==> flow/design.v <==
module mul_unit #(
    parameter BITS = 18
) (
    input  wire clk,
    input  wire resetn,
    input  wire [BITS-1:0] a_in,
    input  wire [BITS-1:0] b_in,
    output wire [2*BITS-1:0] p_out
);
    reg [BITS-1:0] a_ff;
    reg [BITS-1:0] b_ff;
    always @(posedge clk) begin
        if (~resetn) begin
            a_ff <= 0;
            b_ff <= 0;
        end else begin
            a_ff <= a_in;
            b_ff <= b_in;
        end
    end
    localparam H = BITS / 2;
    wire [BITS-1:0] ll;
    half_mul #(.N(H)) u (.a(a_ff[H-1:0]), .b(b_ff[H-1:0]), .p(ll));
    wire [BITS-1:0] lh;
    half_mul #(.N(H)) el (.a(a_ff[H-1:0]), .b(b_ff[BITS-1:H]), .p(lh));
    wire [BITS-1:0] hl;
    half_mul #(.N(H)) i_sub (.a(a_ff[BITS-1:H]), .b(b_ff[H-1:0]), .p(hl));
    wire [BITS-1:0] hh;
    half_mul #(.N(H)) u0 (.a(a_ff[BITS-1:H]), .b(b_ff[BITS-1:H]), .p(hh));
    wire [BITS:0] aux = lh + hl;
    reg [2*BITS-1:0] p_ff;
    always @(posedge clk) begin
        if (~resetn) begin
            p_ff <= 0;
        end else begin
            p_ff <= {hh, ll} + {aux, {H{1'b0}}};
        end
    end
    assign p_out = p_ff;
endmodule
module half_mul #(parameter N = 4) (
    input wire [N-1:0] a,
    input wire [N-1:0] b,
    output wire [2*N-1:0] p
);
    assign p = a * b;
endmodule
Tool chain data of mul_unit --
Tool output for the design above, in the order of the flow. Lines are those of the file above, counted from 1. Cell names lack the library's common part. A cell with n/a has no value.
Set-up: top mul_unit, clock input clk, cell library sky130hd, timing corner tt_025C_1v80

Word level --
Counts by Yosys on the flattened word-level netlist (proc, flatten, opt, wreduce; memories kept). Register bits leave out memories and registers merged into their read ports (data or address); mux counts leave out enables and synchronous resets folded into registers. Print and check cells are left out. Cells with the same type and inputs are merged into one.
Storage and ports: elaborated cells 9, bits in registers 72, bits of input ports 38
Cells by class: $add $sub $neg 2, multiply operators 4
Operators by type and width (number):
- 9-bit by 9-bit multiplier with 18-bit output | 4
- 36-bit by 28-bit adder with 36-bit output | 1
- 18-bit by 18-bit adder with 19-bit output | 1

Logic depth --
Depth = most cells in a row (Yosys ltp): at word level without a register or memory, in the mapped netlist without a sequential cell, where the memories' decode and read muxes count.
Logic depth: depth after elaboration 3, ABC_AREA 0, depth in mapped cells 31, depth with buffers taken out 29

Mapped cells and area --
Source: synth_stat.txt of the flow (Yosys; design flattened, memories mapped). It holds for the ABC_AREA given above (unset counts as 0); a run with the other value may have another netlist. The area totals of this step are shown rounded.
Mapped netlist: buffers 52, mapped area 13300 um^2, sequential part of the area 1440 um^2, flip-flops 72, mapped cells 1507
Cells by type:
- fa_1 | number 228, area in all 4.56E+03 um^2
- ha_1 | number 169, area in all 2.11E+03 um^2
- dfxtp_1 | number 72, area in all 1.44E+03 um^2
- and2_1 | number 183, area in all 1.14E+03 um^2
- inv_1 | number 295, area in all 1.11E+03 um^2
- nand2_1 | number 205, area in all 769.488 um^2
- xnor2_1 | number 26, area in all 227.718 um^2
- xor2_1 | number 26, area in all 227.718 um^2
- clkbuf_1 | number 52, area in all 195.187 um^2
- nor2_1 | number 48, area in all 180.173 um^2
- a21oi_1 | number 29, area in all 145.139 um^2
- nor3_1 | number 21, area in all 105.101 um^2
- o21ai_0 | number 20, area in all 100.096 um^2
- o21a_1 | number 13, area in all 97.594 um^2
- a21o_1 | number 10, area in all 75.072 um^2
- a211oi_1 | number 9, area in all 67.565 um^2
- nand3_1 | number 11, area in all 55.053 um^2
- o21bai_1 | number 6, area in all 45.043 um^2
Not listed: further types 38, cells in them 84. The figures by module come from a second, unflattened synthesis with its own total; it is not the netlist above.
Second synthesis, totals: cells (unflattened synthesis) 1678, area total of the unflattened synthesis 14600 um^2
Rows give one instance, submodules left out.
By module:
- half_mul (N=9) | cells 311, instances 4, area 2650 um^2
- mul_unit | cells 434, instances 1, area 3970 um^2

Timing after synthesis --
Path of least setup slack by OpenSTA after synthesis, without wires, with an ideal clock, recovery checks aside; 20% of the period is set as input and as output delay. Where synthesis merged equal registers, the netlist keeps one of their names.
Path after synthesis: path type register to register, start register a_ff[6], end register p_ff[35], buffers on the path 2, delay of the path 7050 ps, launch time at the first pin 0 ps, data arrival time 6984 ps, data required time 8744 ps, slack 1760 ps, clock period 8810 ps, driving pins on the path 28, period reached after synthesis 7050 ps
"delay of the path" = arrival - input delay + setup time. "driving pins on the path" counts driving pins, that of a launching flip-flop among them; a cell with two outputs on the path counts twice. "period reached after synthesis" = period - worst setup slack (recovery checks aside). The figure is calculated, with input and output delays left at 20% of the set period. Between the ends stands the longest chain of elaborated cells between them, by number of cells; it is not shown to be the way that was timed. Of several equally long chains one is given. A line is the first line of the expression or statement that the cell stems from. Yosys adds cells for indexed reads and writes and turns some case tables into memories.
Between the ends, after synthesis: path through dfxtp_1 -> clkbuf_1 -> clkbuf_1 -> nand2_1 -> fa_1 -> fa_1 -> fa_1 -> inv_1 -> fa_1 -> fa_1 -> inv_1 -> fa_1 -> inv_1 -> ha_1 -> a21o_1 -> a21o_1 -> a21oi_1 -> o21ai_0 -> inv_1 -> o31ai_1 -> o41a_1 -> xor2_1 -> ha_1 -> a211oi_1 -> a31oi_1 -> o2111ai_1 -> xnor3_1 -> nor2_1, length of the longest elaborated chain 3, elaborated cells on any way between the ends 4, RTL lines with such cells 3, those cells by class 2 x add/sub; 2 x mul
RTL lines, path after synthesis:
- start: declaration | line 10 | reg [BITS-1:0] a_ff;
- start: assignment | line 14 | a_ff <= 0;
- start: assignment | line 17 | a_ff <= a_in;
- 9-bit by 9-bit multiplier with 18-bit output | line 46 | assign p = a * b;
- 18-bit by 18-bit adder with 19-bit output | line 30 | wire [BITS:0] aux = lh + hl;
- 36-bit by 28-bit adder with 36-bit output | line 36 | p_ff <= {hh, ll} + {aux, {H{1'b0}}};
- end: assignment | line 34 | p_ff <= 0;
- end: assignment | line 36
- end: declaration | line 31 | reg [2*BITS-1:0] p_ff;

Path in the finished layout --
Path of least setup slack in the final report of run A (OpenROAD, finished layout, wires in). Where an end is a register, its clock arrival counts in the times. The path's times are printed in steps of 10 ps; the period is the one set.
Path after layout: path type register to register, start register b_ff[12], end register p_ff[35], driving pins on the path 26, slack 900 ps, data required time 9090 ps, launch time at the first pin 360 ps, buffers on the path 0, data arrival time 8190 ps, clock period 8810 ps
Between the ends stands the longest chain of elaborated cells between them, by number of cells; it is not shown to be the way that was timed. Of several equally long chains one is given.
Between the ends, after layout: path through dfxtp_1 -> nand2_1 -> fa_1 -> fa_1 -> fa_1 -> inv_1 -> fa_1 -> fa_1 -> inv_1 -> fa_1 -> inv_1 -> ha_1 -> a21o_1 -> a21o_1 -> a21oi_1 -> o21ai_0 -> inv_1 -> o31ai_1 -> o41a_1 -> xor2_1 -> ha_1 -> a211oi_1 -> a31oi_1 -> o2111ai_1 -> xnor3_1 -> nor2_1, length of the longest elaborated chain 3, elaborated cells on any way between the ends 4, RTL lines with such cells 3, those cells by class 2 x add/sub; 2 x mul
RTL lines, path after layout:
- start: declaration | line 11 | reg [BITS-1:0] b_ff;
- start: assignment | line 15 | b_ff <= 0;
- start: assignment | line 18 | b_ff <= b_in;
- 9-bit by 9-bit multiplier with 18-bit output | line 46 | assign p = a * b;
- 18-bit by 18-bit adder with 19-bit output | line 30 | wire [BITS:0] aux = lh + hl;
- 36-bit by 28-bit adder with 36-bit output | line 36 | p_ff <= {hh, ll} + {aux, {H{1'b0}}};
- end: assignment | line 34 | p_ff <= 0;
- end: assignment | line 36
- end: declaration | line 31 | reg [2*BITS-1:0] p_ff;

## Implementation results

3 stored runs of mul_unit in the flow (synthesis by Yosys, layout by OpenROAD, sky130hd cells), in arbitrary order. Constraints: input delay and output delay 20% of the set period each, output load 0.01 pF.
"period achieved" means the clock period less the worst setup slack. The figure is calculated, with input and output delays left at 20% of the set period.
"worst setup path time" means the part of the period allowed to the worst setup path (the constraints hold back 20% at inputs and 20% at outputs) less its slack; where the path has registers, the arrival times of their clocks count too.
"total power after layout" is the tool's figure for a default switching activity; nothing was simulated.
"worst setup path time" is known to 10 ps.
Measured values are rounded.

* Run A | settings: period_ns 8.81; CAP_MARGIN 20; CORE_MARGIN 2; CORE_UTILIZATION 40; SLEW_MARGIN 20 | results: total power after layout 1,910 uW; utilization of the finished layout 45.3 %; worst hold slack in the final report 727 ps; worst setup slack after layout 899 ps; die outline area 34,700 um^2; synthesized cell area 13,300 um^2; period achieved 7,911 ps; worst setup path time 7,910 ps; type of the worst setup path register to register; post-route setup TNS 0 ps; standard-cell area after layout 14,800 um^2
* Run B | settings: period_ns 9.99; CORE_UTILIZATION 29; SETUP_SLACK_MARGIN 1.04; PLACE_DENSITY_LB_ADDON 0.11; CORE_MARGIN 10; CELL_PAD_IN_SITES_GLOBAL_PLACEMENT 0; CELL_PAD_IN_SITES_DETAIL_PLACEMENT 1; CTS_CLUSTER_DIAMETER 173; SLEW_MARGIN 15; MIN_ROUTING_LAYER met1; CAP_MARGIN 20 | results: total power after layout 1,720 uW; utilization of the finished layout 33.0 %; worst hold slack in the final report 903 ps; worst setup slack after layout 2,010 ps; die outline area 54,800 um^2; synthesized cell area 13,300 um^2; period achieved 7,975 ps; worst setup path time 7,980 ps; type of the worst setup path register to register; post-route setup TNS 0 ps; standard-cell area after layout 15,000 um^2
* Run C | settings: period_ns 12.6; CORE_UTILIZATION 71; PLACE_DENSITY 0.77; CELL_PAD_IN_SITES_GLOBAL_PLACEMENT 0; TNS_END_PERCENT 90; GPL_TIMING_DRIVEN 1; CAP_MARGIN 20; CORE_MARGIN 2; SLEW_MARGIN 20 | results: total power after layout 1,380 uW; utilization of the finished layout 78.4 %; worst hold slack in the final report 853 ps; worst setup slack after layout 4,550 ps; die outline area 19,800 um^2; synthesized cell area 13,300 um^2; period achieved 8,051 ps; worst setup path time 8,050 ps; type of the worst setup path register to register; post-route setup TNS 0 ps; standard-cell area after layout 14,500 um^2
